==> flow/design.v <==
module addsub #(
   parameter W = 4
) (
   input  wire aclk,
   input  wire i_rst_n,
   input  wire [W-1:0] A,
   input  wire op,
   input  wire start,
   output wire [W-1:0] dout
);
   reg [W-1:0] A_reg;
   reg op_reg;
   reg start_reg;
   reg [W-1:0] cnt;
   always @(posedge aclk or negedge i_rst_n) begin
      if (~i_rst_n) begin
         A_reg <= 0;
         op_reg <= 1'b0;
         start_reg <= 1'b0;
         cnt <= 0;
      end else begin
         A_reg <= A;
         op_reg <= op;
         start_reg <= start;
         cnt <= start_reg ? A_reg : op_reg ? cnt - A_reg : cnt + A_reg;
      end
   end
   assign dout = cnt;
endmodule
==> reports on addsub <==
== From RTL to reports: addsub ==
A sweep over "W": the same steps for each member of the family.
The RTL above is that of W = 4; lines are counted from 1 in the file of the member named.
Operators carry their Yosys type and port widths (W data, S select, Z words).
Library cell names are shortened.
Not given: -

* Top module: addsub
* Clock input: aclk
* Standard-cell library: sky130hd
* Library corner: tt_025C_1v80

== Members of the sweep ==
Lines of each other member's file that are new or changed against the file above; lines that a member lacks are not shown.

{| class="wikitable"
|+ New or changed lines
! W !! line !! RTL
|-
| 5 || 2 || <nowiki>parameter W = 5</nowiki>
|-
| 6 || 2 || <nowiki>parameter W = 6</nowiki>
|-
| 10 || 2 || <nowiki>parameter W = 10</nowiki>
|-
| 18 || 2 || <nowiki>parameter W = 18</nowiki>
|-
| 40 || 2 || <nowiki>parameter W = 40</nowiki>
|-
| 56 || 2 || <nowiki>parameter W = 56</nowiki>
|-
| 64 || 2 || <nowiki>parameter W = 64</nowiki>
|}

== Word level ==
Source: Yosys, flattened and elaborated, memories not mapped. Widths are those after wreduce; folded enables and synchronous resets count as part of the registers. Registers that Yosys merges into a memory's read port (data or address) are not register bits. Print and check cells do not count. Equal cells are merged and count once.

{| class="wikitable"
|+ Bit counts
! W !! word-level cells !! flip-flop bits (word level)
|-
| 4 || 8 || 10
|-
| 5 || 8 || 12
|-
| 6 || 8 || 14
|-
| 10 || 8 || 22
|-
| 18 || 8 || 38
|-
| 40 || 8 || 82
|-
| 56 || 8 || 114
|-
| 64 || 8 || 130
|}

{| class="wikitable"
|+ Operators by class
! W !! add/subtract/negate cells !! multiplexer cells
|-
| 4 || 2 || 2
|-
| 5 || 2 || 2
|-
| 6 || 2 || 2
|-
| 10 || 2 || 2
|-
| 18 || 2 || 2
|-
| 40 || 2 || 2
|-
| 56 || 2 || 2
|-
| 64 || 2 || 2
|}

{| class="wikitable"
|+ Operators by type and width
! W !! kinds with counts
|-
| 4 || $mux W4: 2; $add A4 B4 Y4: 1; $sub A4 B4 Y4: 1
|-
| 5 || $mux W5: 2; $add A5 B5 Y5: 1; $sub A5 B5 Y5: 1
|-
| 6 || $mux W6: 2; $add A6 B6 Y6: 1; $sub A6 B6 Y6: 1
|-
| 10 || $mux W10: 2; $add A10 B10 Y10: 1; $sub A10 B10 Y10: 1
|-
| 18 || $mux W18: 2; $add A18 B18 Y18: 1; $sub A18 B18 Y18: 1
|-
| 40 || $mux W40: 2; $add A40 B40 Y40: 1; $sub A40 B40 Y40: 1
|-
| 56 || $mux W56: 2; $add A56 B56 Y56: 1; $sub A56 B56 Y56: 1
|-
| 64 || $mux W64: 2; $add A64 B64 Y64: 1; $sub A64 B64 Y64: 1
|}

== Depth ==
Longest topological path by Yosys (ltp), each cell counted once; first at word level (registers and memories cut), then after technology mapping (sequential cells cut; the memories' decode and read muxes count).

{| class="wikitable"
|+ Logic depth
! W !! word-level depth !! ABC_AREA !! gate-level depth with buffers !! depth with buffers taken out
|-
| 4 || 3 || 0 || 9 || 9
|-
| 5 || 3 || 0 || 10 || 10
|-
| 6 || 3 || 0 || 10 || 10
|-
| 10 || 3 || 0 || 12 || 12
|-
| 18 || 3 || 0 || 14 || 14
|-
| 40 || 3 || 0 || 19 || 18
|-
| 56 || 3 || 0 || 22 || 21
|-
| 64 || 3 || 0 || 22 || 20
|}

== Mapped cells and area ==
Source: synth_stat.txt of the flow (Yosys; design flattened, memories mapped). It holds for the ABC_AREA given above (unset counts as 0); a run with the other value may have another netlist.

{| class="wikitable"
|+ Synthesis totals
! W !! cell area after synthesis (mm^2) !! sequential part of the area (mm^2) !! mapped cells !! buffer cells !! flip-flops
|-
| 4 || 0.0004755 || 0.0002502 || 41 || 0 || 10
|-
| 5 || 0.0005856 || 0.0003003 || 52 || 1 || 12
|-
| 6 || 0.0007645 || 0.0003503 || 68 || 1 || 14
|-
| 10 || 0.0012512 || 0.0005505 || 121 || 3 || 22
|-
| 18 || 0.0023785 || 0.0009509 || 247 || 7 || 38
|-
| 40 || 0.0056704 || 0.002052 || 653 || 30 || 82
|-
| 56 || 0.0080264 || 0.0028527 || 912 || 41 || 114
|-
| 64 || 0.0091588 || 0.0032531 || 1074 || 59 || 130
|}

{| class="wikitable"
|+ Cell types
! W !! type and count
|-
| 4 || dfrtp_1: 10; ha_1: 4; fa_1: 1; inv_1: 5; xnor2_1: 2; nand2_1: 4; o21ai_0: 3; mux2_2: 1; a21oi_1: 2; mux2i_1: 1; or4b_1: 1; and3b_1: 1; xor2_1: 1; nand3b_1: 1; o211ai_1: 1; or2_2: 1; nor3_1: 1; nor2_1: 1
|-
| 5 || dfrtp_1: 12; ha_1: 5; xor2_1: 4; inv_1: 7; mux2_2: 2; fa_1: 1; xnor2_1: 2; a21oi_1: 3; o21ai_1: 3; nand2_1: 3; nor2_1: 3; mux2i_1: 1; a21o_1: 1; buf_4: 1; nor3b_1: 1; nor2b_1: 1; nor3_1: 1; o21ai_0: 1
|-
| 6 || dfrtp_1: 14; ha_1: 6; xnor2_1: 5; mux2i_1: 3; fa_1: 1; nand2_1: 5; nand4b_1: 2; xnor2_2: 1; a21oi_1: 3; inv_1: 4; o21ai_1: 3; mux2_2: 1; nor2_1: 3; nor3_1: 2; nor3_2: 1; a211o_1: 1; a21oi_2: 1; nor2b_2: 1; (+11)
|-
| 10 || dfrtp_1: 22; ha_1: 10; xnor2_1: 10; nand2_1: 11; a21oi_1: 7; xor2_1: 4; inv_1: 7; nor2_1: 7; o21ai_1: 5; a211oi_4: 1; fa_1: 1; mux2i_1: 2; o21ai_0: 4; a31oi_1: 3; nand2b_1: 3; a21oi_2: 2; a41oi_2: 1; a211oi_1: 2; (+19)
|-
| 18 || dfrtp_1: 38; ha_1: 18; xnor2_1: 18; o21ai_0: 22; a21oi_1: 18; nor2_1: 19; nand2_1: 17; xor2_1: 7; inv_1: 13; o21a_1: 5; nor3_1: 7; nand2b_1: 5; mux2i_1: 3; a211oi_1: 3; a21o_1: 3; nor3b_1: 3; o211ai_1: 3; a31oi_4: 1; (+44)
|-
| 40 || dfrtp_1: 82; ha_1: 40; xnor2_1: 55; a21oi_1: 60; nand2_1: 68; o21ai_0: 48; nor2_1: 52; a21o_1: 23; xor2_1: 15; clkbuf_1: 25; nor3_1: 18; inv_1: 23; nand4_1: 13; nand2b_1: 9; a211oi_1: 7; nand3_1: 9; or4_1: 6; a31oi_1: 6; (+94)
|-
| 56 || dfrtp_1: 114; ha_1: 56; xnor2_1: 78; a21oi_1: 89; o21ai_0: 77; nand2_1: 101; nor2_1: 74; a21o_1: 32; xor2_1: 23; nor3_1: 26; clkbuf_1: 34; nand3_1: 24; inv_1: 19; o21bai_1: 9; o31ai_1: 9; nand2b_1: 9; nand4_1: 9; or3_1: 9; (+120)
|-
| 64 || dfrtp_1: 130; xnor2_1: 92; ha_1: 64; a21oi_1: 112; nand2_1: 115; o21ai_0: 81; nor2_1: 88; a21o_1: 37; xor2_1: 29; clkbuf_1: 45; a31oi_1: 22; nand4_1: 21; nor3_1: 26; inv_1: 25; o21bai_1: 12; o21ai_1: 17; and3_1: 13; a211oi_1: 9; (+136)
|}

A list marked (+n) leaves out that many cells.

== Worst setup path after synthesis ==
Source: OpenSTA report_checks on the synthesized netlist (no wires, ideal clock, input and output delay 20% of the period each), path of least setup slack; recovery checks are left aside. Register names are those of the netlist, which keeps one name where synthesis merged equal registers.

{| class="wikitable"
|+ Timing post-synthesis
! W !! path kind !! start !! end !! period (ns) !! stages on the path !! setup slack (ns) !! path delay (ns) !! period reached after synthesis (ns)
|-
| 4 || register -> register || register A_reg[0] || register cnt[3] || 2.22 || 10 || 0.447 || 1.774 || 1.773
|-
| 5 || register -> register || register A_reg[0] || register cnt[4] || 2.74 || 10 || 0.546 || 2.194 || 2.194
|-
| 6 || register -> register || register A_reg[0] || register cnt[5] || 2.61 || 10 || 0.524 || 2.086 || 2.086
|-
| 10 || register -> register || register A_reg[0] || register cnt[9] || 2.87 || 13 || 0.579 || 2.292 || 2.291
|-
| 18 || register -> register || register A_reg[4] || register cnt[17] || 3.75 || 13 || 0.751 || 2.999 || 2.999
|-
| 40 || register -> register || register A_reg[14] || register cnt[39] || 4.88 || 18 || 0.976 || 3.904 || 3.904
|-
| 56 || register -> register || register A_reg[0] || register cnt[43] || 5.66 || 21 || 1.132 || 4.529 || 4.528
|-
| 64 || register -> register || register A_reg[10] || register cnt[60] || 5.22 || 20 || 1.041 || 4.179 || 4.179
|}

"path delay" is the arrival time less input delay plus setup time.
"stages on the path": output pins that drive a net of the path, with the launching flip-flop's if there is one; two outputs of one cell count as two.
"period reached after synthesis" is the clock period less the worst setup slack; recovery checks do not enter. This is arithmetic on one report: input and output delays are still those of the set period (20% each).
Between the ends stands the longest chain of elaborated cells between them, by number of cells; it is not shown to be the way that was timed. Of several equally long chains one is given.
A line is the first line of the expression or statement that the cell stems from. Yosys adds cells for indexed reads and writes and turns some case tables into memories.

On the way, post-synthesis, W = 4:
* Cells in the longest elaborated chain: 3

{| class="wikitable"
|+ RTL lines, path post-synthesis, W = 4
! element !! line !! RTL
|-
| from (decl) || 11 || <nowiki>reg [W-1:0] A_reg;</nowiki>
|-
| from (assign) || 17 || <nowiki>A_reg <= 0;</nowiki>
|-
| from (assign) || 22 || <nowiki>A_reg <= A;</nowiki>
|-
| $add A4 B4 Y4 || 25 || <nowiki>cnt <= start_reg ? A_reg : op_reg ? cnt - A_reg : cnt + A_reg;</nowiki>
|-
| $mux W4 (2 in a row) || 25 ||
|-
| to (assign) || 20 || <nowiki>cnt <= 0;</nowiki>
|-
| to (assign) || 25 ||
|-
| to (decl) || 14 || <nowiki>reg [W-1:0] cnt;</nowiki>
|}

On the way, post-synthesis, W = 64:
* Cells in the longest elaborated chain: 3

{| class="wikitable"
|+ RTL lines, path post-synthesis, W = 64
! element !! line !! RTL
|-
| from (decl) || 11 || <nowiki>reg [W-1:0] A_reg;</nowiki>
|-
| from (assign) || 17 || <nowiki>A_reg <= 0;</nowiki>
|-
| from (assign) || 22 || <nowiki>A_reg <= A;</nowiki>
|-
| $add A64 B64 Y64 || 25 || <nowiki>cnt <= start_reg ? A_reg : op_reg ? cnt - A_reg : cnt + A_reg;</nowiki>
|-
| $mux W64 (2 in a row) || 25 ||
|-
| to (assign) || 20 || <nowiki>cnt <= 0;</nowiki>
|-
| to (assign) || 25 ||
|-
| to (decl) || 14 || <nowiki>reg [W-1:0] cnt;</nowiki>
|}

== Timing after layout ==
From the final timing report of each member's run: the path of least setup slack in the routed layout; clock arrival at registers is part of the times.

{| class="wikitable"
|+ Timing after layout
! W !! path kind !! start !! end !! period (ns) !! setup slack (ns) !! path buffers !! stages on the path !! data arrival time (ns)
|-
| 4 || register -> register || register A_reg[0] || register cnt[3] || 2.22 || 0.33 || 0 || 10 || 2.04
|-
| 5 || register -> register || register A_reg[0] || register cnt[4] || 2.74 || 0.41 || 0 || 10 || 2.50
|-
| 6 || register -> register || register A_reg[0] || register cnt[5] || 2.61 || 0.32 || 0 || 10 || 2.44
|-
| 10 || register -> register || register A_reg[0] || register cnt[9] || 2.87 || 0.29 || 0 || 13 || 2.78
|-
| 18 || register -> register || register A_reg[4] || register cnt[17] || 3.75 || 0.46 || 1 || 14 || 3.52
|-
| 40 || register -> register || register A_reg[8] || register cnt[39] || 4.88 || 0.37 || 0 || 17 || 4.77
|-
| 56 || register -> register || register A_reg[13] || register cnt[43] || 5.66 || 0.45 || 0 || 20 || 5.56
|-
| 64 || register -> register || register A_reg[4] || register cnt[63] || 5.22 || 0.38 || 0 || 18 || 5.19
|}

== Flow runs ==
One run of the flow (Yosys, OpenROAD) for each member, with settings and measured results. Input and output delays are each 20% of the period that was set; the output load is 0.01 pF.

* CAP_MARGIN: 20
* CORE_MARGIN: 2
* CORE_UTILIZATION: 40
* SLEW_MARGIN: 20

{| class="wikitable"
|+ Settings that differ
! W !! period_ns
|-
| 4 || 2.22
|-
| 5 || 2.74
|-
| 6 || 2.61
|-
| 10 || 2.87
|-
| 18 || 3.75
|-
| 40 || 4.88
|-
| 56 || 5.66
|-
| 64 || 5.22
|}

{| class="wikitable"
|+ Final reports
! W !! mapped cell area after synthesis (mm^2) !! smallest setup slack (ns) !! utilization (%) !! standard-cell area after layout (mm^2) !! total power of the final layout (mW) !! area of the die (mm^2) !! worst hold slack in the final report (ns)
|-
| 4 || 0.0004755 || 0.326 || 57.5 || 0.0006394 || 0.5449 || 0.0014803 || 0.456
|-
| 5 || 0.0005856 || 0.411 || 57.2 || 0.0007632 || 0.5623 || 0.0017859 || 0.439
|-
| 6 || 0.0007645 || 0.323 || 54.6 || 0.0009634 || 0.7615 || 0.0022767 || 0.559
|-
| 10 || 0.0012512 || 0.292 || 52.3 || 0.0015703 || 1.308 || 0.0035916 || 0.442
|-
| 18 || 0.0023785 || 0.456 || 50.9 || 0.0029628 || 2.001 || 0.0065788 || 0.438
|-
| 40 || 0.0056704 || 0.374 || 50.4 || 0.006993 || 4.169 || 0.015145 || 0.497
|-
| 56 || 0.0080264 || 0.451 || 50.9 || 0.0099658 || 5.392 || 0.0212154 || 0.445
|-
| 64 || 0.0091588 || 0.379 || 50.1 || 0.0113108 || 6.747 || 0.0241227 || 0.443
|}

"total power of the final layout" rests on the timing tool's default activity at the inputs, not on a simulated workload.
